==> flow/design.v <==
module ex_compare_v2 #(
   parameter DWIDTH = 48
) (
   input clock,
   input [DWIDTH-1:0] a,
   input [DWIDTH-1:0] b,
   input [DWIDTH-1:0] c,
   output ok
);
   reg [DWIDTH-1:0] a_reg;
   reg [DWIDTH-1:0] b_reg;
   reg [DWIDTH-1:0] c_reg;
   always @(posedge clock) begin
      a_reg <= a;
      b_reg <= b;
      c_reg <= c;
   end
   assign ok = (a_reg >= b_reg) && (a_reg <= c_reg);
endmodule
== Step by step through the tools: ex_compare_v2 ==
The steps from the RTL of ex_compare_v2 to its reports follow in flow order.
Line numbers count from 1 in the design file above.
Operators carry their Yosys type and port widths (W data, S select, Z words).
The mark n/a stands for no value.

* Top: ex_compare_v2
* Clock port: clock
* Cell library: sky130hd
* Timing corner: tt_025C_1v80

== Elaborated design ==
Source: Yosys, flattened and elaborated, memories not mapped. Widths are those after wreduce; folded enables and synchronous resets count as part of the registers. Registers that Yosys merges into a memory's read port (data or address) are not register bits. Print and check cells do not count. Equal cells are merged and count once.

* Bits in registers: 144
* Bits of input ports: 145
* Cells after elaboration: 6

* $lt $le $gt $ge: 2
* Reductions and logical operators: 1

{| class="wikitable"
|+ Operators with widths
! cell !! number
|-
| $ge A48 B48 Y1 || 1
|-
| $le A48 B48 Y1 || 1
|-
| $logic_and A1 B1 Y1 || 1
|}

== Logic depth ==
Longest topological path by Yosys (ltp), each cell counted once; first at word level (registers and memories cut), then after technology mapping (sequential cells cut; the memories' decode and read muxes count).

* Word-level depth: 2
* ABC_AREA: 0
* Depth in mapped cells: 8

== After synthesis ==
Yosys stat after the flow's synthesis: flattened, memories mapped to cells. It holds for the ABC_AREA given above (unset counts as 0); a run with the other value may have another netlist.
Totals and module areas in this step are rounded.

{| class="wikitable"
|+ Cells by type
! type !! number
|-
| sky130_fd_sc_hd__dfxtp_1 || 144
|-
| sky130_fd_sc_hd__ha_1 || 96
|-
| sky130_fd_sc_hd__inv_1 || 97
|-
| sky130_fd_sc_hd__a21oi_1 || 39
|-
| sky130_fd_sc_hd__nand2_1 || 25
|-
| sky130_fd_sc_hd__nand4_1 || 12
|-
| sky130_fd_sc_hd__nand4_2 || 5
|-
| sky130_fd_sc_hd__a21o_1 || 7
|-
| sky130_fd_sc_hd__nand3_1 || 10
|-
| sky130_fd_sc_hd__o21ai_0 || 9
|-
| sky130_fd_sc_hd__a221oi_1 || 5
|-
| sky130_fd_sc_hd__and4_1 || 3
|-
| sky130_fd_sc_hd__nor4_2 || 2
|-
| sky130_fd_sc_hd__nor4_4 || 1
|-
| sky130_fd_sc_hd__and3_1 || 3
|-
| sky130_fd_sc_hd__nor3_4 || 1
|-
| sky130_fd_sc_hd__a211oi_1 || 2
|-
| sky130_fd_sc_hd__nor2_1 || 4
|}

Not listed: further types 16, cells in them 22.

* Cells in the netlist: 487
* Synthesis area: 0.00536 mm²
* Mapped flip-flops: 144

== Worst setup path after synthesis ==
OpenSTA on the mapped netlist: ideal clock, no wires. The path of least setup slack (recovery checks aside). Input and output delay are each 20% of the period. Register names are those of the netlist, which keeps one name where synthesis merged equal registers.

* Path kind: reg2out
* Start point: register c_reg[29]
* End point: output ok
* Period: 2.56 ns
* External output delay: 0.512 ns
* Launch time at the first pin: 0.000 ns
* Arrival: 1.636 ns
* Data required time: 2.048 ns
* Setup slack: 0.412 ns
* Delay of the path: 1.636 ns
* Stages: 9
* Buffers on the path: 0
* Synthesis period reached: 2.148 ns

"delay of the path" = arrival - input delay + setup time.
A path that ends at an output port has no setup time.
"stages": output pins that drive a net of the path, with the launching flip-flop's if there is one; two outputs of one cell count as two.
"synthesis period reached" = period - worst setup slack (recovery checks aside). The figure is calculated, with input and output delays left at 20% of the set period.
Between the ends stands the longest chain of elaborated cells between them, by number of cells; it is not shown to be the way that was timed. Of several equally long chains one is given.
Each line given opens the expression or statement behind the cell; cells for indexed reads and writes are added by Yosys, which also makes memories of some case tables.

* Cells stage by stage: sky130_fd_sc_hd__dfxtp_1 sky130_fd_sc_hd__inv_1 sky130_fd_sc_hd__ha_1 sky130_fd_sc_hd__nand4_2 sky130_fd_sc_hd__nor4_2 sky130_fd_sc_hd__and3_1 sky130_fd_sc_hd__and2_1 sky130_fd_sc_hd__o22ai_1 sky130_fd_sc_hd__nor4_2
* Cells in the longest elaborated chain: 2
* Elaborated cells between the ends (all ways): 2
* RTL lines with such cells: 1
* Those cells by class: compare: 1; reduce/logical: 1

{| class="wikitable"
|+ Ends and longest elaborated chain, after synthesis
! item !! RTL line !! RTL
|-
| start: declaration || 12 || <nowiki>reg [DWIDTH-1:0] c_reg;</nowiki>
|-
| start: assignment || 16 || <nowiki>c_reg <= c;</nowiki>
|-
| $le A48 B48 Y1 || 18 || <nowiki>assign ok = (a_reg >= b_reg) && (a_reg <= c_reg);</nowiki>
|-
| $logic_and A1 B1 Y1 || 18 ||
|-
| end: declaration || 8 || <nowiki>output ok</nowiki>
|}

== Path in the finished layout ==
From the final timing report of job 1: the path of least setup slack in the routed layout; clock arrival at registers is part of the times.

* Path kind: reg2out
* Start point: register a_reg[33]
* End point: output ok
* Period: 2.43 ns
* External output delay: 0.49 ns
* Launch time at the first pin: 0.42 ns
* Arrival: 2.33 ns
* Data required time: 1.94 ns
* Setup slack: -0.39 ns
* Stages: 11
* Buffers on the path: 3

Between the ends stands the longest chain of elaborated cells between them, by number of cells; it is not shown to be the way that was timed. Of several equally long chains one is given.

* Cells stage by stage: sky130_fd_sc_hd__dfxtp_1 sky130_fd_sc_hd__buf_4 sky130_fd_sc_hd__ha_4 sky130_fd_sc_hd__a21oi_2 sky130_fd_sc_hd__o21ai_2 sky130_fd_sc_hd__a221oi_2 sky130_fd_sc_hd__buf_4 sky130_fd_sc_hd__nand4_1 sky130_fd_sc_hd__a21oi_2 sky130_fd_sc_hd__nor4_2 sky130_fd_sc_hd__buf_2
* Cells in the longest elaborated chain: 2
* Elaborated cells between the ends (all ways): 3
* RTL lines with such cells: 1
* Those cells by class: compare: 2; reduce/logical: 1

{| class="wikitable"
|+ Ends and longest elaborated chain, post-layout
! item !! RTL line !! RTL
|-
| start: declaration || 10 || <nowiki>reg [DWIDTH-1:0] a_reg;</nowiki>
|-
| start: assignment || 14 || <nowiki>a_reg <= a;</nowiki>
|-
| $ge A48 B48 Y1 || 18 || <nowiki>assign ok = (a_reg >= b_reg) && (a_reg <= c_reg);</nowiki>
|-
| $logic_and A1 B1 Y1 || 18 ||
|-
| end: declaration || 8 || <nowiki>output ok</nowiki>
|}

--- measured runs ---
ex_compare_v2 through Yosys and OpenROAD on sky130hd: 3 stored runs, unordered, with their settings and measured results. The constraints put input and output delay at 20% of the set period each and load the outputs with 0.01 pF.
"period achieved" = clock period - worst setup slack. The figure is calculated, with input and output delays left at 20% of the set period.
"critical setup path time" = time allowed to the worst setup path (clock period - input delay - output delay, where it has them) - its slack; a late launch clock adds to it, a late capture clock takes from it.
Measured values are rounded.

=== Job 1 ===
{| class="wikitable"
! Setting !! Value
|-
| period_ns || 2.43
|-
| CORE_UTILIZATION || 34
|-
| SETUP_SLACK_MARGIN || 0.13
|-
| PLACE_DENSITY || 0.47
|-
| CORE_ASPECT_RATIO || 1.81
|-
| CELL_PAD_IN_SITES_DETAIL_PLACEMENT || 2
|-
| ABC_AREA || 0
|-
| GPL_ROUTABILITY_DRIVEN || 0
|-
| CAP_MARGIN || 20
|-
| CORE_MARGIN || 2
|-
| SLEW_MARGIN || 20
|-
! Result !! Value
|-
| Yosys chip area after synthesis || 0.00536 mm²
|-
| Full die area || 0.0168 mm²
|-
| Critical setup path time || 2.33 ns
|-
| Worst setup path type || reg2out
|-
| Lowest setup slack || -0.389 ns
|-
| Period achieved || 2.819 ns
|-
| Setup total negative slack || -0.389 ns
|-
| Std-cell area (final layout) || 0.00833 mm²
|-
| Utilization of the finished layout || 54.0%
|}

=== Job 2 ===
{| class="wikitable"
! Setting !! Value
|-
| period_ns || 2.56
|-
| CAP_MARGIN || 20
|-
| CORE_MARGIN || 2
|-
| CORE_UTILIZATION || 40
|-
| SLEW_MARGIN || 20
|-
! Result !! Value
|-
| Yosys chip area after synthesis || 0.00536 mm²
|-
| Full die area || 0.0143 mm²
|-
| Critical setup path time || 2.31 ns
|-
| Worst setup path type || reg2out
|-
| Lowest setup slack || -0.263 ns
|-
| Period achieved || 2.823 ns
|-
| Setup total negative slack || -0.263 ns
|-
| Std-cell area (final layout) || 0.00805 mm²
|-
| Utilization of the finished layout || 61.3%
|}

=== Job 3 ===
{| class="wikitable"
! Setting !! Value
|-
| period_ns || 3.52
|-
| CORE_UTILIZATION || 68
|-
| PLACE_DENSITY_LB_ADDON || 0.05
|-
| CELL_PAD_IN_SITES_GLOBAL_PLACEMENT || 3
|-
| TNS_END_PERCENT || 75
|-
| GPL_ROUTABILITY_DRIVEN || 0
|-
| CTS_CLUSTER_DIAMETER || 38
|-
| SLEW_MARGIN || 0
|-
| MIN_ROUTING_LAYER || met1
|-
| CAP_MARGIN || 20
|-
| CORE_MARGIN || 2
|}
No results, placement failed with FLW-0024.
--- end ---
